==> flow/design.v <==
module gen_registers_v2 #(
  parameter integer ENTRIES = 64,
  parameter integer WD = 8,
  parameter integer N_READ = 1,
  parameter integer IDX_W = $clog2(ENTRIES)
) (
  input  CLK,
  input  nrst,
  input  load,
  input  [IDX_W-1:0] wr_addr,
  input  [WD-1:0] d,
  input  [N_READ*IDX_W-1:0] read_addr,
  output reg [N_READ*WD-1:0] rd_data
);
  reg load_q;
  reg [IDX_W-1:0] wr_addr_q;
  reg [WD-1:0] d_q;
  always @(posedge CLK or negedge nrst) begin
    if (~nrst) begin
      load_q <= 1'b0;
      wr_addr_q <= 0;
      d_q <= 0;
    end else begin
      load_q <= load;
      wr_addr_q <= wr_addr;
      d_q <= d;
    end
  end
  reg [ENTRIES*WD-1:0] ram;
  genvar ii;
  generate
    for (ii = 0; ii < ENTRIES; ii = ii + 1) begin : g_bit
      always @(posedge CLK)
        if (load_q && wr_addr_q == ii) ram[ii*WD +: WD] <= d_q;
    end
  endgenerate
  reg [N_READ*IDX_W-1:0] read_addr_q;
  always @(posedge CLK or negedge nrst) begin
    if (~nrst) begin
      read_addr_q <= 0;
    end else begin
      read_addr_q <= read_addr;
    end
  end
  reg [N_READ*WD-1:0] t;
  integer m;
  integer idx;
  always @* begin
    t = 0;
    for (m = 0; m < N_READ; m = m + 1) begin
      for (idx = 0; idx < ENTRIES; idx = idx + 1)
        t[m*WD +: WD] = t[m*WD +: WD] | (ram[idx*WD +: WD] & {WD{read_addr_q[m*IDX_W +: IDX_W] == idx}});
    end
  end
  always @(posedge CLK or negedge nrst) begin
    if (~nrst) begin
      rd_data <= 0;
    end else begin
      rd_data <= t;
    end
  end
endmodule
**From RTL to reports: gen_registers_v2**

What the tools print for gen_registers_v2, step after step.
Line numbers count from 1 in the design file above.
The mark n/a stands for no value.

- Top: gen_registers_v2
- Clock: CLK
- Library: sky130hd
- Corner: tt_025C_1v80

**Word level**

Counts by Yosys on the flattened word-level netlist (proc, flatten, opt, wreduce; memories kept). Register bits leave out memories and registers merged into their read ports (data or address); mux counts leave out enables and synchronous resets folded into registers. Print and check cells are left out. Cells with the same type and inputs are merged into one.

- Flip-flop bits (word level): 541
- Latch bits: 0
- Bits in writable memories: 0
- Memory bits (read-only): 0
- Clocked read ports x word width: 0
- Memories: 0
- Input bits: 23
- Output and inout bits: 8
- Cells after elaboration: 388

- Add/sub/neg operators: 0
- Multipliers: 0
- Divide/modulo/power cells: 0
- Magnitude comparators: 0
- Equality and inequality tests: 126
- Shifts and indexed selects: 0
- Mux-type cells: 0
- Bitwise operators: 127
- Reduce/logical cells: 66

Operators with widths:

| cell | number |
|---|---|
| 8-bit bitwise AND | 64 |
| 8-bit OR | 63 |
| 6-bit == test (second input constant) | 64 |
| 6-bit by 5-bit == test with 1-bit output (second input constant) | 32 |
| 6-bit by 4-bit == test with 1-bit output (second input constant) | 16 |
| 1-bit logical AND | 64 |
| 6-bit by 3-bit == test with 1-bit output (second input constant) | 8 |
| 6-bit by 2-bit == test with 1-bit output (second input constant) | 4 |
| 6-bit by 1-bit == test with 1-bit output (second input constant) | 2 |
| 6-bit zero test | 2 |

**Depth**

Longest topological path by Yosys (ltp), each cell counted once; first at word level (registers and memories cut), then after technology mapping (sequential cells cut; the memories' decode and read muxes count).

- Word-level depth: 65
- ABC_AREA: 0
- Depth in mapped cells: 9
- Gate-level depth less buffers: 5

**Synthesis result**

Yosys stat after the flow's synthesis: flattened, memories mapped to cells. It holds for the ABC_AREA given above (unset counts as 0); a run with the other value may have another netlist.

- Cell count: 1,455
- Cell area after synthesis: 0.0211265 mm2
- Sequential part of the area: 0.0161004 mm2
- Flip-flop cells: 541
- Buffers: 123

Cells by type:

| type | number | area in all (um2) |
|---|---|---|
| sky130_fd_sc_hd__edfxtp_1 | 512 | 1.54E+04 |
| sky130_fd_sc_hd__nand3_1 | 454 | 2.27E+03 |
| sky130_fd_sc_hd__nand4_1 | 120 | 750.72 |
| sky130_fd_sc_hd__dfrtp_1 | 29 | 725.696 |
| sky130_fd_sc_hd__nor2_1 | 67 | 251.491 |
| sky130_fd_sc_hd__buf_2 | 48 | 240.23 |
| sky130_fd_sc_hd__and3b_1 | 23 | 201.443 |
| sky130_fd_sc_hd__clkbuf_1 | 52 | 195.187 |
| sky130_fd_sc_hd__nor4_1 | 24 | 150.144 |
| sky130_fd_sc_hd__mux2_2 | 8 | 90.086 |
| sky130_fd_sc_hd__mux2i_1 | 9 | 90.086 |
| sky130_fd_sc_hd__a2bb2oi_1 | 9 | 78.826 |
| sky130_fd_sc_hd__o21ai_0 | 15 | 75.072 |
| sky130_fd_sc_hd__o211ai_1 | 9 | 67.565 |
| sky130_fd_sc_hd__nor4b_2 | 4 | 60.058 |
| sky130_fd_sc_hd__buf_6 | 5 | 56.304 |
| sky130_fd_sc_hd__buf_1 | 14 | 52.55 |
| sky130_fd_sc_hd__nor3b_1 | 7 | 52.55 |

Other cell types: 15; their cells: 46.

**Worst setup path after synthesis**

OpenSTA on the mapped netlist: ideal clock, no wires. The path of least setup slack (recovery checks aside). Input and output delay are each 20% of the period. Register names are those of the netlist, which keeps one name where synthesis merged equal registers.

- Path kind: register to register
- Start point: register wr_addr_q[5]
- End point: register ram[10]
- Period: 2.46 ns
- Library setup time: 0.370 ns
- Time at the first pin: 0.000 ns
- Data arrival time: 1.595 ns
- Required time: 2.090 ns
- Path slack: 0.495 ns
- Delay of the path: 1.965 ns
- Driving pins on the path: 5
- Buffers on the path: 2
- Synthesis period reached: 1.965 ns

"delay of the path" is the arrival time less input delay plus setup time.
"driving pins on the path": output pins that drive a net of the path, with the launching flip-flop's if there is one; two outputs of one cell count as two.
"synthesis period reached" is the clock period less the worst setup slack; recovery checks do not enter. This is arithmetic on one report: input and output delays are still those of the set period (20% each).
The rows between start and end are the longest chain of elaborated cells between them; the timing report does not say that the signal goes this way. Where chains are equally long, one stands for them.
Each line given opens the expression or statement behind the cell; cells for indexed reads and writes are added by Yosys, which also makes memories of some case tables.

- Cells stage by stage: sky130_fd_sc_hd__dfrtp_1 sky130_fd_sc_hd__or3b_2 sky130_fd_sc_hd__clkbuf_1 sky130_fd_sc_hd__clkbuf_1 sky130_fd_sc_hd__nor2_1
- Length of the longest elaborated chain: 2
- Elaborated cells on any way between the ends: 2
- Source lines of those cells: 1
- Classes of those cells: eq/ne (1); reduce/logical (1)

RTL lines, path post-synthesis:

| item | RTL line | RTL |
|---|---|---|
| start: declaration | 16 | `reg [IDX_W-1:0] wr_addr_q;` |
| start: assignment | 21 | `wr_addr_q <= 0;` |
| start: assignment | 25 | `wr_addr_q <= wr_addr;` |
| 6-bit by 1-bit == test with 1-bit output | 34 | `if (load_q && wr_addr_q == ii) ram[ii*WD +: WD] <= d_q;` |
| 1-bit logical AND | 34 |  |
| end: assignment | 34 |  |
| end: declaration | 29 | `reg [ENTRIES*WD-1:0] ram;` |

**Path in the finished layout**

Path of least setup slack in the final report of run 1 (OpenROAD, finished layout, wires in). Where an end is a register, its clock arrival counts in the times.

- Path kind: register to register
- Start point: register read_addr_q[4]
- End point: register rd_data[0]
- Period: 2.46 ns
- Library setup time: 0.14 ns
- Time at the first pin: 0.60 ns
- Data arrival time: 2.84 ns
- Required time: 2.91 ns
- Path slack: 0.07 ns
- Driving pins on the path: 10
- Buffers on the path: 4

The rows between start and end are the longest chain of elaborated cells between them; the timing report does not say that the signal goes this way. Where chains are equally long, one stands for them.

- Cells stage by stage: sky130_fd_sc_hd__dfrtp_1 sky130_fd_sc_hd__buf_12 sky130_fd_sc_hd__buf_4 sky130_fd_sc_hd__and2_4 sky130_fd_sc_hd__buf_12 sky130_fd_sc_hd__nand3_1 sky130_fd_sc_hd__o211ai_1 sky130_fd_sc_hd__nor4_1 sky130_fd_sc_hd__buf_4 sky130_fd_sc_hd__nand4_1
- Length of the longest elaborated chain: 65
- Elaborated cells on any way between the ends: 191
- Source lines of those cells: 1
- Classes of those cells: eq/ne (63); logic (127); reduce/logical (1)

RTL lines, path after layout:

| item | RTL line | RTL |
|---|---|---|
| start: declaration | 37 | `reg [N_READ*IDX_W-1:0] read_addr_q;` |
| start: assignment | 40 | `read_addr_q <= 0;` |
| start: assignment | 42 | `read_addr_q <= read_addr;` |
| 6-bit zero test | 52 | `t[m*WD +: WD] = t[m*WD +: WD] \| (ram[idx*WD +: WD] & {WD{read_addr_q[m*IDX_W +: IDX_W] == idx}});` |
| 8-bit bitwise AND | 52 |  |
| 8-bit OR (63 in a row) | 52 |  |
| end: assignment | 57 | `rd_data <= 0;` |
| end: assignment | 59 | `rd_data <= t;` |
| end: declaration | 13 | `output reg [N_READ*WD-1:0] rd_data` |

Top module gen_registers_v2; platform sky130hd; tools Yosys and OpenROAD; 3 stored runs in no particular order. Input and output delays are each 20% of the period that was set; the output load is 0.01 pF.
"period achieved" is the run's clock period less its worst setup slack. It is reckoned from that one timing run; input and output delays stay at 20% of the period that was set.
"allowed time less slack (worst setup path)" is the time allowed to the run's worst setup path (the clock period less input and output delay, where it has them) less its slack. Clock arrival times count: a late capture clock shortens it, a late launch clock lengthens it.
"power": no workload was simulated; the value follows from the tool's default switching activity.

### Run 1

Settings: `period_ns=2.46`, `CAP_MARGIN=20`, `CORE_MARGIN=2`, `CORE_UTILIZATION=40`, `SLEW_MARGIN=20`

- Power: 19.457 mW
- Overall die area: 0.0546695 mm2
- Netlist area reported by Yosys: 0.0211265 mm2
- Lowest setup slack: 0.075 ns
- Period achieved: 2.385 ns
- Allowed time less slack (worst setup path): 2.39 ns
- Worst path kind: register to register
- Utilization: 47.9%

### Run 2

Settings: `period_ns=1.87`, `CORE_UTILIZATION=72`, `PLACE_DENSITY=0.65`, `CORE_MARGIN=5`, `TNS_END_PERCENT=60`, `ABC_AREA=0`, `GPL_TIMING_DRIVEN=1`, `CTS_CLUSTER_SIZE=38`, `CAP_MARGIN=0`, `SLEW_MARGIN=20`

- Power: 25.425 mW
- Overall die area: 0.0328679 mm2
- Netlist area reported by Yosys: 0.0211265 mm2
- Lowest setup slack: -0.594 ns
- Period achieved: 2.464 ns
- Allowed time less slack (worst setup path): 2.46 ns
- Worst path kind: register to register
- Utilization: 89.9%

### Run 3

Settings: `period_ns=1.44`, `CORE_UTILIZATION=19`, `SETUP_SLACK_MARGIN=0.27`, `PLACE_DENSITY_LB_ADDON=0.15`, `CORE_MARGIN=4`, `CTS_CLUSTER_SIZE=95`, `MIN_ROUTING_LAYER=met1`, `CAP_MARGIN=20`, `SLEW_MARGIN=20`

- Power: 35.812 mW
- Overall die area: 0.116592 mm2
- Netlist area reported by Yosys: 0.0211265 mm2
- Lowest setup slack: -0.767 ns
- Period achieved: 2.207 ns
- Allowed time less slack (worst setup path): 2.21 ns
- Worst path kind: register to register
- Utilization: 27.5%
